==> flow/design.v <==
module sync_reg_bank #(
   parameter D = 16,
   parameter W = 24,
   parameter RPORTS = 4,
   parameter ADDR_WIDTH = $clog2(D)
) (
   input logic clk_i,
   input logic write,
   input logic [ADDR_WIDTH-1:0] wa,
   input logic [W-1:0] wd,
   input logic [RPORTS*ADDR_WIDTH-1:0] rd_idx,
   output logic [RPORTS*W-1:0] read_data
);
   logic r_write;
   logic [ADDR_WIDTH-1:0] r_wa;
   logic [W-1:0] r_wd;
   always_ff @(posedge clk_i) begin
      r_write <= write;
      r_wa <= wa;
      r_wd <= wd;
   end
   logic [W-1:0] array [0:D-1];
   always_ff @(posedge clk_i) begin
      if (r_write)
         array[r_wa] <= r_wd;
   end
   logic [RPORTS*ADDR_WIDTH-1:0] r_rd_idx;
   always_ff @(posedge clk_i)
      r_rd_idx <= rd_idx;
   logic [RPORTS*W-1:0] tmp;
   generate
      for (genvar gj = 0; gj < RPORTS; gj++) begin : each
         assign tmp[gj*W +: W] = array[r_rd_idx[gj*ADDR_WIDTH +: ADDR_WIDTH]];
      end
   endgenerate
   always_ff @(posedge clk_i)
      read_data <= tmp;
endmodule
Reports on sync_reg_bank
Tool output for the design above, in the order of the flow. Lines are those of the file above, counted from 1. Library cell names are shortened. The mark - stands for no value.

Design top: sync_reg_bank. Clock port: clk_i. Library: sky130hd. Corner: tt_025C_1v80.

Word-level counts
Source: Yosys, flattened and elaborated, memories not mapped. Widths are those after wreduce; folded enables and synchronous resets count as part of the registers. Registers that Yosys merges into a memory's read port (data or address) are not register bits. Print and check cells do not count. Equal cells are merged and count once. Yosys's memory passes give these memory sizes; they may raise the number of words (mostly to a power of two), join words into wider ones and drop unused or constant bits.

Under register bits stands 45. Under bits in writable memories stands 384. The figure for clocked read ports x word width is 96. The entry for memory cells reads 1. Under input bits stands 46. The figure for elaborated cells is 8.

The entry for mux-type cells reads 3.

Memory list: array (depth 16, bits a word 24, read ports 4, wr ports 1, RTL line 22) `logic [W-1:0] array [0:D-1];`.

Operators with widths (count): two-way mux 24 bit (1); two-way mux 4 bit (1); two-way mux 1 bit (1).

Depth
Longest topological path by Yosys (ltp), each cell counted once; first at word level (registers and memories cut), then after technology mapping (sequential cells cut; the memories' decode and read muxes count).

Under depth in word-level cells stands 1. ABC_AREA: 0. For mapped depth the number is 6. Gate-level depth less buffers: 3.

Synthesis result
Yosys stat after the flow's synthesis: flattened, memories mapped to cells. It holds for the ABC_AREA given above (unset counts as 0); a run with the other value may have another netlist.

The figure for cell count is 1368. The entry for synthesis area reads 25699.6 um2. The figure for area of sequential cells is 14353.8 um2. Flip-flop cells: 525. For buffers the number is 132.

Cell types (count): edfxtp_1 (384); mux4_2 (384); dfxtp_1 (141); a22oi_1 (192); nand2_1 (97); clkbuf_1 (72); buf_6 (20); buf_2 (40); nor2_1 (16); nor2b_1 (8); and2_1 (4); nor3_1 (4); nand3b_1 (2); nand2b_1 (2); or3b_2 (1); nand3_1 (1).

Path before layout
Path of least setup slack by OpenSTA after synthesis, without wires, with an ideal clock, recovery checks aside; 20% of the period is set as input and as output delay. Where synthesis merged equal registers, the netlist keeps one of their names.

Path kind: reg2reg. Start: reg r_write. End: mem array[0][0]. The figure for period is 3.67 ns. The entry for time at the first pin reads 0.000 ns. Under arrival time stands 2.505 ns. For required time the number is 3.235 ns. The entry for setup slack reads 0.730 ns. The entry for delay of the path reads 2.940 ns. The figure for driving pins on the path is 3. Under path buffers stands 0. The figure for synthesis period reached is 2.94 ns.

"delay of the path" is the arrival time less input delay plus setup time. "driving pins on the path" counts driving pins, that of a launching flip-flop among them; a cell with two outputs on the path counts twice. "synthesis period reached" = period - worst setup slack (recovery checks aside). The figure is calculated, with input and output delays left at 20% of the set period. Between the ends stands the longest chain of elaborated cells between them, by number of cells; it is not shown to be the way that was timed. Of several equally long chains one is given. A line is the first line of the expression or statement that the cell stems from. Yosys adds cells for indexed reads and writes and turns some case tables into memories. Only ways into the end's enable, where the timed path ends, are counted here.

Cells stage by stage: dfxtp_1 -> or3b_2 -> nor3_1. Under length of the longest elaborated chain stands 1. For elaborated cells between the ends (all ways) the number is 2. The figure for source lines of those cells is 1. Those cells by class: 2 x mux.

Ends and longest elaborated chain, after synthesis: from (decl) (RTL line 14) `logic r_write;`; from (assign) (RTL line 18) `r_write <= write;`; two-way mux 4 bit (RTL line 24) `if (r_write)`; to (decl) (RTL line 22) `logic [W-1:0] array [0:D-1];`.

Path in the finished layout
From the final timing report of entry A: the path of least setup slack in the routed layout; clock arrival at registers is part of the times.

Path kind: reg2reg. Start: reg r_rd_idx[8]. End: reg read_data[53]. The figure for period is 1.97 ns. The entry for time at the first pin reads 0.61 ns. Under arrival time stands 2.35 ns. For required time the number is 2.46 ns. The entry for setup slack reads 0.12 ns. The figure for driving pins on the path is 8. Under path buffers stands 4.

Cells stage by stage: dfxtp_4 -> buf_12 -> buf_6 -> buf_8 -> buf_16 -> mux4_2 -> a22oi_2 -> nand2_2.

Ends and longest elaborated chain, post-layout: from (decl) (RTL line 27) `logic [RPORTS*ADDR_WIDTH-1:0] r_rd_idx;`; from (assign) (RTL line 29) `r_rd_idx <= rd_idx;`; to (decl) (RTL line 12) `output logic [RPORTS*W-1:0] read_data`.

No chain of elaborated cells between the ends is given.

Measured data: module sync_reg_bank, platform sky130hd, 2 stored runs of the flow under differing settings, order arbitrary. Input and output delays are each 20% of the period that was set; the output load is 0.01 pF. "clock period reached": clock period set for the run, less the worst setup slack. It is reckoned from that one timing run; input and output delays stay at 20% of the period that was set. "time on the worst setup path" means the part of the period allowed to the worst setup path (the constraints hold back 20% at inputs and 20% at outputs) less its slack; where the path has registers, the arrival times of their clocks count too.

Entry A has these settings: period_ns 1.97; CORE_UTILIZATION 55; SETUP_SLACK_MARGIN 0.34; PLACE_DENSITY_LB_ADDON 0.15; CELL_PAD_IN_SITES_GLOBAL_PLACEMENT 1; CELL_PAD_IN_SITES_DETAIL_PLACEMENT 0; GPL_TIMING_DRIVEN 1; GPL_ROUTABILITY_DRIVEN 0; CTS_CLUSTER_SIZE 59; CTS_CLUSTER_DIAMETER 84; CAP_MARGIN 25; MAX_ROUTING_LAYER met5; CORE_MARGIN 2; SLEW_MARGIN 20. The measured cell area after synthesis is 25699.6 um2. The setup slack of the worst path stands at 0.115 ns. The worst hold slack in the final report comes to 0.203 ns. The measured time on the worst setup path is 1.85 ns. Worst path kind: reg2reg. The measured clock period reached is 1.855 ns. The total die area is 48472.6 um2. The standard-cell area of the final layout comes to 32672.6 um2. The sum of negative setup slack stands at 0.000 ns.

Entry B has these settings: period_ns 3.67; CAP_MARGIN 20; CORE_MARGIN 2; CORE_UTILIZATION 40; SLEW_MARGIN 20. The measured cell area after synthesis is 25699.6 um2. The setup slack of the worst path stands at 1.319 ns. The worst hold slack in the final report comes to 0.535 ns. The measured time on the worst setup path is 2.35 ns. Worst path kind: reg2reg. The measured clock period reached is 2.351 ns. The total die area is 66293.4 um2. The standard-cell area of the final layout comes to 30322.8 um2. The sum of negative setup slack stands at 0.000 ns.
